==> flow/design.v <==
module cpu_sel_unit_top #(
  parameter BITS = 8,
  parameter LANES = 24,
  parameter LG = $clog2(LANES)
) (
  input  wire clk,
  input  wire srst,
  input  wire clk_en,
  input  wire [LANES*BITS-1:0] val,
  input  wire [LG-1:0] addr,
  output reg [BITS-1:0] res
);
  reg [BITS-1:0] cur;
  integer k;
  always @* begin
    cur = 0;
    for (k = 0; k < LANES; k = k + 1)
      if (addr == k) cur = val[k*BITS +: BITS];
  end
  always @(posedge clk) begin
    if (srst) begin
      res <= 0;
    end else if (clk_en) begin
      res <= cur;
    end
  end
endmodule
======== Step by step through the tools: cpu_sel_unit_top ========
What the tools print for cpu_sel_unit_top, step after step.
Lines are those of the file above, counted from 1.
Operators: Yosys type, input widths -> output width; for muxes data width and select width s.
Library cell names are shortened.
The mark - stands for no value.
set-up
  top module .............................. cpu_sel_unit_top
  clock port .............................. clk
  library ................................. sky130hd
  timing corner ........................... tt_025C_1v80

======== After elaboration ========
Counts by Yosys on the flattened word-level netlist (proc, flatten, opt, wreduce; memories kept). Register bits leave out memories and registers merged into their read ports (data or address); mux counts leave out enables and synchronous resets folded into registers. Print and check cells are left out. Cells with the same type and inputs are merged into one.
operators by class
  equal/unequal tests ..................... 23
  multiplexer cells ....................... 24
  reductions and logical operators ........ 1
operators with widths
  cell                count
  $mux 8              24
  $eq 5x4->1 const B  8
  $eq 5x5->1 const B  8
  $eq 5x3->1 const B  4
  $eq 5x2->1 const B  2
  $eq 5x1->1 const B  1
  $logic_not 5->1     1
word-level totals
  bits in registers ....................... 8
  output and inout port bits .............. 8

======== Longest topological paths ========
Longest topological path by Yosys (ltp), each cell counted once; first at word level (registers and memories cut), then after technology mapping (sequential cells cut; the memories' decode and read muxes count).
logic depth
  word-level depth ........................ 25
  ABC_AREA ................................ 0
  mapped depth ............................ 10
  mapped depth without buffers ............ 6

======== After synthesis ========
The flow's flattened synthesis, as Yosys stat reports it; memories are mapped. The netlist is that of the ABC_AREA named above (0 if unset); the other value can give another one.
The area totals of this step are shown rounded.
synthesis totals
  mapped cells ............................ 362
  mapped area ............................. 2560 um^2
  flip-flops .............................. 8
  buffer cells ............................ 34
cells by type
  cell type  count  total area (um^2)
  mux2i_1    25     250.24
  o21ai_0    37     185.178
  dfxtp_1    8      160.154
  a21oi_1    30     150.144
  mux4_2     6      135.13
  mux2_2     11     123.869
  nand2_1    28     105.101
  nor2_1     24     90.086
  buf_4      11     82.579
  nand3_1    16     80.077
  buf_6      7      78.826
  nand2b_1   12     75.072
  nor2b_1    11     68.816
  o221ai_1   7      61.309
  nor3_1     11     55.053
  mux4_1     2      52.55
  o22ai_1    8      50.048
  a211oi_1   6      45.043
Not listed: further types 42, cells in them 102.

======== Path before layout ========
OpenSTA on the mapped netlist: ideal clock, no wires. The path of least setup slack (recovery checks aside). Input and output delay are each 20% of the period. Register names are those of the netlist, which keeps one name where synthesis merged equal registers.
timing post-synthesis
  kind .................................... input to register
  start ................................... in addr[0]
  end ..................................... reg res[0]
  period .................................. 2300 ps
  launch time at the first pin ............ 460 ps
  arrival time ............................ 1793 ps
  required time ........................... 2160 ps
  setup slack ............................. 367 ps
  path delay .............................. 1473 ps
  stages on the path ...................... 7
  synthesis period reached ................ 1933 ps
"path delay" is the arrival time less input delay plus setup time.
"stages on the path" counts driving pins, that of a launching flip-flop among them; a cell with two outputs on the path counts twice.
"synthesis period reached" = period - worst setup slack (recovery checks aside). The figure is calculated, with input and output delays left at 20% of the set period.
Between the ends stands the longest chain of elaborated cells between them, by number of cells; it is not shown to be the way that was timed. Of several equally long chains one is given.
A line is the first line of the expression or statement that the cell stems from. Yosys adds cells for indexed reads and writes and turns some case tables into memories.
on the way, post-synthesis
  cell sequence ........................... buf_6 > mux4_2 > and3_4 > a2111oi_2 > o21ai_1 > o21ai_1 > a311oi_1
  length of the longest elaborated chain .. 25
  elaborated cells between the ends (all ways) .. 48
  RTL lines with such cells ............... 1
  those cells by class .................... eq/ne (23); mux (24); reduce/logical (1)
RTL lines, path post-synthesis
  element               RTL line  RTL
  start: declaration    10        input  wire [LG-1:0] addr,
  $logic_not 5->1       18        if (addr == k) cur = val[k*BITS +: BITS];
  $mux 8 (24 in a row)  18
  end: assignment       22        res <= 0;
  end: assignment       24        res <= cur;
  end: declaration      11        output reg [BITS-1:0] res

======== Path in the finished layout ========
Path of least setup slack in the final report of run A (OpenROAD, finished layout, wires in). Where an end is a register, its clock arrival counts in the times.
The report prints the path's times to 10 ps; the period is as set.
timing after layout
  kind .................................... input to register
  start ................................... in addr[4]
  end ..................................... reg res[1]
  period .................................. 2300 ps
  launch time at the first pin ............ 460 ps
  arrival time ............................ 2260 ps
  required time ........................... 2410 ps
  setup slack ............................. 150 ps
  stages on the path ...................... 8
Between the ends stands the longest chain of elaborated cells between them, by number of cells; it is not shown to be the way that was timed. Of several equally long chains one is given.
on the way, after layout
  cell sequence ........................... clkdlybuf4s50_1 > buf_4 > nand4b_1 > nor2_1 > o21ai_0 > a22o_1 > a21oi_1 > a2111oi_0
  length of the longest elaborated chain .. 25
  elaborated cells between the ends (all ways) .. 48
  RTL lines with such cells ............... 1
  those cells by class .................... eq/ne (23); mux (24); reduce/logical (1)
RTL lines, path after layout
  element               RTL line  RTL
  start: declaration    10        input  wire [LG-1:0] addr,
  $logic_not 5->1       18        if (addr == k) cur = val[k*BITS +: BITS];
  $mux 8 (24 in a row)  18
  end: assignment       22        res <= 0;
  end: assignment       24        res <= cur;
  end: declaration      11        output reg [BITS-1:0] res

cpu_sel_unit_top through Yosys and OpenROAD on sky130hd: 2 stored runs, unordered, with their settings and measured results. The constraints put input and output delay at 20% of the set period each and load the outputs with 0.01 pF.
"achieved clock period" means the clock period less the worst setup slack. The figure is calculated, with input and output delays left at 20% of the set period.
By "total design power" is meant OpenSTA's value without simulated activity: inputs other than the clock are taken to toggle once in ten clock periods, and the tool carries that through the logic.
The results are shown rounded.

---- run A ----
settings
  period_ns = 2.3
  CAP_MARGIN = 20
  CORE_MARGIN = 2
  CORE_UTILIZATION = 40
  SLEW_MARGIN = 20
results
  post-route setup TNS .................... 0 ps
  total design power ...................... 1.199 mW
  worst setup slack after layout .......... 151 ps
  mapped cell area after synthesis ........ 2560 um^2
  achieved clock period ................... 2149 ps
  final worst hold slack .................. 516 ps
  overall die area ........................ 7056 um^2
  area of the standard cells in the finished layout .. 4945 um^2
  post-route utilization .................. 78.8 %

---- run B ----
settings
  period_ns = 1.91
  CORE_UTILIZATION = 50
  PLACE_DENSITY_LB_ADDON = 0.08
  HOLD_SLACK_MARGIN = 0.2
  CELL_PAD_IN_SITES_DETAIL_PLACEMENT = 1
  SLEW_MARGIN = 25
  MIN_ROUTING_LAYER = met2
  MAX_ROUTING_LAYER = met5
  CAP_MARGIN = 20
  CORE_MARGIN = 2
results
  incomplete, placement halted on FLW-0024
